==> flow/design.v <==
module core_times #(
    parameter BITS = 10,
    parameter NUM = 3,
    parameter RES_W = 2*BITS + $clog2(NUM)
) (
    input  wire clk_i,
    input  wire aresetn,
    input  wire ce,
    input  wire [NUM*BITS-1:0] in_a,
    input  wire [NUM*BITS-1:0] in_b,
    output reg [RES_W-1:0] out_m
);
    reg [NUM*BITS-1:0] a_s;
    always @(posedge clk_i or negedge aresetn) begin
        if (~aresetn) begin
            a_s <= 0;
        end else if (ce) begin
            a_s <= in_a;
        end
    end
    reg [NUM*BITS-1:0] b_s;
    always @(posedge clk_i or negedge aresetn) begin
        if (~aresetn) begin
            b_s <= 0;
        end else if (ce) begin
            b_s <= in_b;
        end
    end
    reg [RES_W-1:0] r;
    integer n;
    always @* begin
        r = 0;
        for (n = 0; n < NUM; n = n + 1)
            r = r + a_s[n*BITS +: BITS] * b_s[n*BITS +: BITS];
    end
    always @(posedge clk_i or negedge aresetn) begin
        if (~aresetn) begin
            out_m <= 0;
        end else if (ce) begin
            out_m <= r;
        end
    end
endmodule
Step by step through the tools: core_times
The steps from the RTL of core_times to its reports follow in flow order.
Line numbers count from 1 in the design file above.
Cell names lack the library's common part.
{"block": "inputs", "top_module": "core_times", "clock_port": "clk_i", "lib": "sky130hd", "lib_corner": "tt_025C_1v80"}

After elaboration
Yosys after proc, flatten, opt, wreduce and memory -nomap, before mapping. Enables and synchronous resets that opt folds into registers are not counted as muxes. Memory bits, and registers merged into a memory's read port (data or address), are not among the register bits. Print and check cells are not counted. Equal cells are merged and count once.
{"block": "bits", "regBits": 82, "out_inout_bits": 22, "inputBits": 63, "word_cells": 8}
{"block": "classes", "multipliers": 3, "addsub": 2}
{"block": "op_table", "cell": "multiplier 10 x 10 -> 20 bit", "n": 3}
{"block": "op_table", "cell": "adder 21 x 20 -> 22 bit", "n": 1}
{"block": "op_table", "cell": "adder 20 x 20 -> 21 bit", "n": 1}

Depth
Longest topological path by Yosys (ltp), each cell counted once; first at word level (registers and memories cut), then after technology mapping (sequential cells cut; the memories' decode and read muxes count).
{"block": "logic_depth", "ltp_word": 3, "ABC_AREA": 0, "ltp_mapped": 24, "mapped_depth_nobuf": 23}

Netlist
The flow's flattened synthesis, as Yosys stat reports it; memories are mapped. The netlist is that of the ABC_AREA named above (0 if unset); the other value can give another one.
Totals and module areas in this step are rounded.
{"block": "mapped", "mapped_area_um2": 13880, "ff_cells": 82, "seqArea_um2": 2052, "buffers": 71, "stdcells": 1393}
{"block": "types", "type": "fa_1", "n": 261, "type_area_um2": 5.23E+03}
{"block": "types", "type": "dfrtp_1", "n": 82, "type_area_um2": 2.05E+03}
{"block": "types", "type": "ha_1", "n": 139, "type_area_um2": 1.74E+03}
{"block": "types", "type": "and2_1", "n": 211, "type_area_um2": 1.32E+03}
{"block": "types", "type": "inv_1", "n": 337, "type_area_um2": 1.26E+03}
{"block": "types", "type": "mux2_2", "n": 72, "type_area_um2": 810.778}
{"block": "types", "type": "nand2_1", "n": 107, "type_area_um2": 401.635}
{"block": "types", "type": "clkbuf_1", "n": 68, "type_area_um2": 255.245}
{"block": "types", "type": "a21oi_1", "n": 14, "type_area_um2": 70.067}
{"block": "types", "type": "a21o_1", "n": 9, "type_area_um2": 67.565}
{"block": "types", "type": "xnor2_1", "n": 6, "type_area_um2": 52.55}
{"block": "types", "type": "xor2_1", "n": 6, "type_area_um2": 52.55}
{"block": "types", "type": "mux2i_1", "n": 4, "type_area_um2": 40.038}
{"block": "types", "type": "o21ai_0", "n": 8, "type_area_um2": 40.038}
{"block": "types", "type": "a211oi_1", "n": 4, "type_area_um2": 30.029}
{"block": "types", "type": "nor2_1", "n": 8, "type_area_um2": 30.029}
{"block": "types", "type": "o21ai_1", "n": 6, "type_area_um2": 30.029}
{"block": "types", "type": "a211oi_2", "n": 2, "type_area_um2": 25.024}
Other cell types: 30; their cells: 49.

Path before layout
OpenSTA on the mapped netlist: ideal clock, no wires. The path of least setup slack (recovery checks aside). Input and output delay are each 20% of the period. Register names are those of the netlist, which keeps one name where synthesis merged equal registers.
{"block": "synth_timing", "kind": "register to register", "startpoint": "register a_s[4]", "endpoint": "register out_m[17]", "launch_ps": 0, "required_time_ps": 7835, "path_slack_ps": 1590, "setup_time_ps": 125, "tclk_ps": 7960, "delay_ps": 6370, "path_buffers": 1, "path_stages": 22, "arrival_time_ps": 6245, "period_less_setup_slack_ps": 6370}
"delay_ps" = arrival - input delay + setup time.
"path_stages" counts driving pins, that of a launching flip-flop among them; a cell with two outputs on the path counts twice.
"period_less_setup_slack_ps" = period - worst setup slack (recovery checks aside). The figure is calculated, with input and output delays left at 20% of the set period.
Between the ends stands the longest chain of elaborated cells between them, by number of cells; it is not shown to be the way that was timed. Of several equally long chains one is given.
A line is the first line of the expression or statement that the cell stems from. Yosys adds cells for indexed reads and writes and turns some case tables into memories.
{"block": "synth_via", "path_cell_list": "dfrtp_1 > clkbuf_1 > and2_1 > fa_1 > inv_1 > fa_1 > fa_1 > fa_1 > inv_1 > fa_1 > fa_1 > fa_1 > inv_1 > fa_1 > inv_1 > ha_1 > a211oi_2 > nor2_1 > o31a_1 > a311oi_2 > xnor2_1 > mux2_4", "elab_chain_len": 3, "cone_cells": 3, "cone_lines": 1, "cone_classes": "2 x add/sub; 1 x mul"}
{"block": "synth_lines", "item": "start, declared", "line": 13, "source": "reg [NUM*BITS-1:0] a_s;"}
{"block": "synth_lines", "item": "start, assigned", "line": 16, "source": "a_s <= 0;"}
{"block": "synth_lines", "item": "start, assigned", "line": 18, "source": "a_s <= in_a;"}
{"block": "synth_lines", "item": "multiplier 10 x 10 -> 20 bit", "line": 34, "source": "r = r + a_s[n*BITS +: BITS] * b_s[n*BITS +: BITS];"}
{"block": "synth_lines", "item": "adder 20 x 20 -> 21 bit", "line": 34}
{"block": "synth_lines", "item": "adder 21 x 20 -> 22 bit", "line": 34}
{"block": "synth_lines", "item": "end, assigned", "line": 38, "source": "out_m <= 0;"}
{"block": "synth_lines", "item": "end, assigned", "line": 40, "source": "out_m <= r;"}
{"block": "synth_lines", "item": "end, declared", "line": 11, "source": "output reg [RES_W-1:0] out_m"}

Timing after layout
From the final timing report of job 1: the path of least setup slack in the routed layout; clock arrival at registers is part of the times.
The report prints the path's times to 10 ps; the period is as set.
{"block": "layout_timing", "kind": "register to register", "startpoint": "register b_s[22]", "endpoint": "register out_m[17]", "path_buffers": 0, "path_stages": 21, "setup_time_ps": 110, "launch_ps": 350, "tclk_ps": 7960, "required_time_ps": 8200, "arrival_time_ps": 7050, "path_slack_ps": 1150}
Between the ends stands the longest chain of elaborated cells between them, by number of cells; it is not shown to be the way that was timed. Of several equally long chains one is given.
{"block": "layout_via", "path_cell_list": "dfrtp_1 > and2_1 > fa_1 > inv_1 > fa_1 > fa_1 > fa_1 > inv_1 > fa_1 > fa_1 > fa_1 > inv_1 > fa_1 > inv_1 > ha_1 > a21o_1 > a21oi_1 > o21ai_2 > a311oi_2 > xnor2_1 > mux2_4", "elab_chain_len": 2, "cone_cells": 2, "cone_lines": 1, "cone_classes": "1 x add/sub; 1 x mul"}
{"block": "layout_lines", "item": "start, declared", "line": 21, "source": "reg [NUM*BITS-1:0] b_s;"}
{"block": "layout_lines", "item": "start, assigned", "line": 24, "source": "b_s <= 0;"}
{"block": "layout_lines", "item": "start, assigned", "line": 26, "source": "b_s <= in_b;"}
{"block": "layout_lines", "item": "multiplier 10 x 10 -> 20 bit", "line": 34, "source": "r = r + a_s[n*BITS +: BITS] * b_s[n*BITS +: BITS];"}
{"block": "layout_lines", "item": "adder 21 x 20 -> 22 bit", "line": 34}
{"block": "layout_lines", "item": "end, assigned", "line": 38, "source": "out_m <= 0;"}
{"block": "layout_lines", "item": "end, assigned", "line": 40, "source": "out_m <= r;"}
{"block": "layout_lines", "item": "end, declared", "line": 11, "source": "output reg [RES_W-1:0] out_m"}

Memo
Re: implementation data of core_times

Stored flow runs of core_times (3 of them; Yosys, OpenROAD, sky130hd). They differ in their settings and are not a sequence. Constraints: input delay and output delay 20% of the set period each, output load 0.01 pF.
"period_reached_ps": clock period set for the run, less the worst setup slack. It is reckoned from that one timing run; input and output delays stay at 20% of the period that was set.
By "worst_setup_path_time_ps" is meant the share of the clock period that the worst setup path is allowed (20% is reserved at inputs, 20% at outputs), minus its slack. Clock arrival times at its registers enter into it.
"worst_setup_path_time_ps" is given in steps of 10 ps.
Measured values are rounded.

{"run": "job 1", "settings": { "period_ns": 7.96, "CAP_MARGIN": 20, "CORE_MARGIN": 2, "CORE_UTILIZATION": 40, "SLEW_MARGIN": 20 }, "results": { "final_setup_ws_ps": 1152, "worst_hold_slack_ps": 490, "period_reached_ps": 6808, "ys_area_um2": 13880, "final_die_area_um2": 36220, "setup_tns_ps": 0, "finalUtil_pct": 44.6, "worst_setup_path_time_ps": 6810, "path_kind": "register to register", "post_route_stdcell_area_um2": 15330 }}
{"run": "job 2", "settings": { "period_ns": 7.28, "CORE_UTILIZATION": 52, "PLACE_DENSITY": 0.42, "CORE_MARGIN": 6, "TNS_END_PERCENT": 60, "GPL_TIMING_DRIVEN": 0, "CTS_CLUSTER_SIZE": 11, "MIN_ROUTING_LAYER": "met2", "CAP_MARGIN": 20, "SLEW_MARGIN": 20 }, "results": { "final_setup_ws_ps": 297, "worst_hold_slack_ps": 491, "period_reached_ps": 6983, "ys_area_um2": 13880, "final_die_area_um2": 30770, "setup_tns_ps": 0, "finalUtil_pct": 58.7, "worst_setup_path_time_ps": 6980, "path_kind": "register to register", "post_route_stdcell_area_um2": 15350 }}
{"run": "job 3", "settings": { "period_ns": 7.89, "CORE_UTILIZATION": 17, "SETUP_SLACK_MARGIN": 0.33, "PLACE_DENSITY_LB_ADDON": 0.25, "CELL_PAD_IN_SITES_DETAIL_PLACEMENT": 2, "ABC_AREA": 1, "GPL_TIMING_DRIVEN": 0, "CTS_CLUSTER_DIAMETER": 80, "CAP_MARGIN": 30, "SLEW_MARGIN": 0, "CORE_MARGIN": 2 }, "results": { "final_setup_ws_ps": 1072, "worst_hold_slack_ps": 471, "period_reached_ps": 6818, "ys_area_um2": 14220, "final_die_area_um2": 85960, "setup_tns_ps": 0, "finalUtil_pct": 20.1, "worst_setup_path_time_ps": 6820, "path_kind": "register to register", "post_route_stdcell_area_um2": 16730 }}
